==> flow/design.v <==
module alu_alu_arith_top #(
    parameter integer XLEN = 18
) (
    input  logic CLK,
    input  logic aresetn,
    input  logic [XLEN-1:0] i_da,
    input  logic [XLEN-1:0] i_db,
    input  logic i_dir,
    output logic [XLEN-1:0] o_d,
    output logic o_cy
);
    logic [XLEN-1:0] t2;
    assign t2 = i_db ^ {XLEN{i_dir}};
    logic [XLEN:0] nxt;
    assign nxt = i_da + t2 + i_dir;
    always_ff @(posedge CLK) begin
        if (!aresetn) begin
            o_d <= '0;
            o_cy <= 1'b0;
        end else begin
            o_d <= nxt[XLEN-1:0];
            o_cy <= nxt[XLEN];
        end
    end
endmodule
======== Reports on alu_alu_arith_top ========
Tool output for the design above, in the order of the flow.
Line numbers count from 1 in the design file above.
Operators: Yosys type, input widths -> output width; for muxes data width and select width s.
Library cell names are shortened.
The mark -- stands for no value.
design
  top module .............................. alu_alu_arith_top
  clock input ............................. CLK
  standard-cell library ................... sky130hd
  library corner .......................... tt_025C_1v80

======== After elaboration ========
Counts by Yosys on the flattened word-level netlist (proc, flatten, opt, wreduce; memories kept). Register bits leave out memories and registers merged into their read ports (data or address); mux counts leave out enables and synchronous resets folded into registers. Print and check cells are left out. Cells with the same type and inputs are merged into one.
cells by class
  add/subtract/negate cells ............... 2
  mux-type cells .......................... 0
  shift-type cells ........................ 0
  bitwise logic cells ..................... 1
  equal/unequal tests ..................... 0
  $lt $le $gt $ge ......................... 0
  div/mod/pow operators ................... 0
  multiply operators ...................... 0
  reductions and logical operators ........ 0
operators by type and width
  cell            count
  $add 18x18->19  1
  $add 19x1->19   1
  $xor 18x18->18  1
storage and ports
  ROM bits ................................ 0
  bits in latches ......................... 0
  elaborated cells ........................ 5
  clocked read ports x word width ......... 0
  memory cells ............................ 0
  RAM bits ................................ 0
  flip-flop bits (word level) ............. 19

======== Longest topological paths ========
Longest topological path by Yosys (ltp), each cell counted once; first at word level (registers and memories cut), then after technology mapping (sequential cells cut; the memories' decode and read muxes count).
depth
  depth after elaboration ................. 3
  ABC_AREA ................................ 0
  depth in mapped cells ................... 10
  mapped depth without buffers ............ 9

======== Mapped cells and area ========
Yosys stat after the flow's synthesis: flattened, memories mapped to cells. It holds for the ABC_AREA given above (unset counts as 0); a run with the other value may have another netlist.
Totals and module areas in this step are rounded.
cell types
  cell      count
  dfxtp_1   19
  ha_1      17
  xor2_1    20
  a21oi_1   13
  xnor2_1   7
  nand2_1   16
  nor2_1    16
  o21ai_0   11
  mux2i_1   5
  nand2b_1  6
  o41ai_2   2
  a41oi_4   1
  a21o_1    3
  fa_1      1
  a211oi_1  2
  nand3_1   3
  o31ai_1   2
  a31oi_1   2
Not listed: further types 23, cells in them 29.
synthesis totals
  mapped cells ............................ 175
  area of sequential cells ................ 380.4 µm²
  buffers ................................. 5
  synthesis area .......................... 1520 µm²
  flip-flop cells ......................... 19

======== Worst setup path after synthesis ========
Source: OpenSTA report_checks on the synthesized netlist (no wires, ideal clock, input and output delay 20% of the period each), path of least setup slack; recovery checks are left aside. Register names are those of the netlist, which keeps one name where synthesis merged equal registers.
path post-synthesis
  path type ............................... input port to flip-flop
  start point ............................. in i_dir
  end point ............................... reg o_d[12]
  launch time at the first pin ............ 746 ps
  stages .................................. 10
  delay of the path ....................... 2389 ps
  setup time .............................. 72 ps
  external input delay .................... 746 ps
  clock period ............................ 3730 ps
  arrival time ............................ 3063 ps
  setup slack ............................. 596 ps
  synthesis period reached ................ 3134 ps
"delay of the path" = arrival - input delay + setup time.
"stages" counts driving pins, that of a launching flip-flop among them; a cell with two outputs on the path counts twice.
"synthesis period reached" = period - worst setup slack (recovery checks aside). The figure is calculated, with input and output delays left at 20% of the set period.
The rows between start and end are the longest chain of elaborated cells between them; the timing report does not say that the signal goes this way. Where chains are equally long, one stands for them.
A line is the first line of the expression or statement that the cell stems from. Yosys adds cells for indexed reads and writes and turns some case tables into memories.
between the ends, post-synthesis
  cell sequence ........................... buf_4 > buf_1 > xor2_1 > ha_1 > a211oi_1 > o21bai_2 > o21ai_2 > o21ai_0 > o31ai_1 > mux2i_1
  cells in the longest elaborated chain ... 3
ends and longest elaborated chain, post-synthesis
  what                line  source
  start: declaration  8     input  logic i_dir,
  $xor 18x18->18      13    assign t2 = i_db ^ {XLEN{i_dir}};
  $add 18x18->19      15    assign nxt = i_da + t2 + i_dir;
  $add 19x1->19       15
  end: assignment     18    o_d <= '0;
  end: assignment     21    o_d <= nxt[XLEN-1:0];
  end: declaration    9     output logic [XLEN-1:0] o_d,

======== Worst path after layout ========
Path of least setup slack in the final report of flow run 2 (OpenROAD, finished layout, wires in). Where an end is a register, its clock arrival counts in the times.
The path's times are printed in steps of 10 ps; the period is the one set.
path post-layout
  path type ............................... input port to flip-flop
  start point ............................. in i_dir
  end point ............................... reg o_d[16]
  external input delay .................... 750 ps
  setup slack ............................. 360 ps
  setup time .............................. 70 ps
  clock period ............................ 3730 ps
  arrival time ............................ 3550 ps
  launch time at the first pin ............ 750 ps
  stages .................................. 10
The rows between start and end are the longest chain of elaborated cells between them; the timing report does not say that the signal goes this way. Where chains are equally long, one stands for them.
between the ends, post-layout
  cell sequence ........................... clkdlybuf4s50_1 > buf_4 > xor2_1 > ha_1 > a2111oi_0 > o21ai_0 > o21ai_0 > o41ai_2 > a31oi_1 > mux2i_1
  cells in the longest elaborated chain ... 3
ends and longest elaborated chain, post-layout
  what                line  source
  start: declaration  8     input  logic i_dir,
  $xor 18x18->18      13    assign t2 = i_db ^ {XLEN{i_dir}};
  $add 18x18->19      15    assign nxt = i_da + t2 + i_dir;
  $add 19x1->19       15
  end: assignment     18    o_d <= '0;
  end: assignment     21    o_d <= nxt[XLEN-1:0];
  end: declaration    9     output logic [XLEN-1:0] o_d,

Add stored flow runs of alu_alu_arith_top

Stored flow runs of alu_alu_arith_top (3 of them; Yosys, OpenROAD, sky130hd). They differ in their settings and are not a sequence. Constraints: input delay and output delay 20% of the set period each, output load 0.01 pF.
"reached clock period" means the clock period less the worst setup slack. The figure is calculated, with input and output delays left at 20% of the set period.
"critical path time" means the part of the period allowed to the worst setup path (the constraints hold back 20% at inputs and 20% at outputs) less its slack; where the path has registers, the arrival times of their clocks count too.
"power consumption" rests on the timing tool's default activity at the inputs, not on a simulated workload.
"critical path time" is given in steps of 10 ps.
The measured numbers are rounded.

---- flow run 1 ----
settings
  period_ns = 4.18
  CORE_UTILIZATION = 68
  SETUP_SLACK_MARGIN = 0.01
  PLACE_DENSITY_LB_ADDON = 0.09
  HOLD_SLACK_MARGIN = 0.24
  CORE_MARGIN = 6
  CELL_PAD_IN_SITES_GLOBAL_PLACEMENT = 0
  CELL_PAD_IN_SITES_DETAIL_PLACEMENT = 2
  GPL_TIMING_DRIVEN = 1
  CTS_CLUSTER_DIAMETER = 287
  SLEW_MARGIN = 40
  CAP_MARGIN = 20
results
  no results, placement failed with FLW-0024

---- flow run 2 ----
settings
  period_ns = 3.73
  CAP_MARGIN = 20
  CORE_MARGIN = 2
  CORE_UTILIZATION = 40
  SLEW_MARGIN = 20
results
  reached clock period .................... 3368 ps
  worst setup slack after layout .......... 362 ps
  power consumption ....................... 813 µW
  final worst hold slack .................. 1171 ps
  total die area .......................... 4310 µm²
  netlist area reported by Yosys .......... 1520 µm²
  critical path time ...................... 2620 ps
  critical path type ...................... input port to flip-flop
  post-route setup TNS .................... 0 ps
  standard-cell area after layout ......... 2196 µm²
  post-route utilization .................. 60.0%

---- flow run 3 ----
settings
  period_ns = 5.39
  CORE_UTILIZATION = 70
  SETUP_SLACK_MARGIN = -0.12
  PLACE_DENSITY_LB_ADDON = 0.02
  HOLD_SLACK_MARGIN = 0.06
  CORE_ASPECT_RATIO = 1.06
  CELL_PAD_IN_SITES_GLOBAL_PLACEMENT = 1
  ABC_AREA = 1
  GPL_TIMING_DRIVEN = 1
  GPL_ROUTABILITY_DRIVEN = 0
  CTS_CLUSTER_SIZE = 49
  CTS_CLUSTER_DIAMETER = 67
  CAP_MARGIN = 40
  SLEW_MARGIN = 25
  MIN_ROUTING_LAYER = met1
  CORE_MARGIN = 2
results
  no results, placement failed with FLW-0024
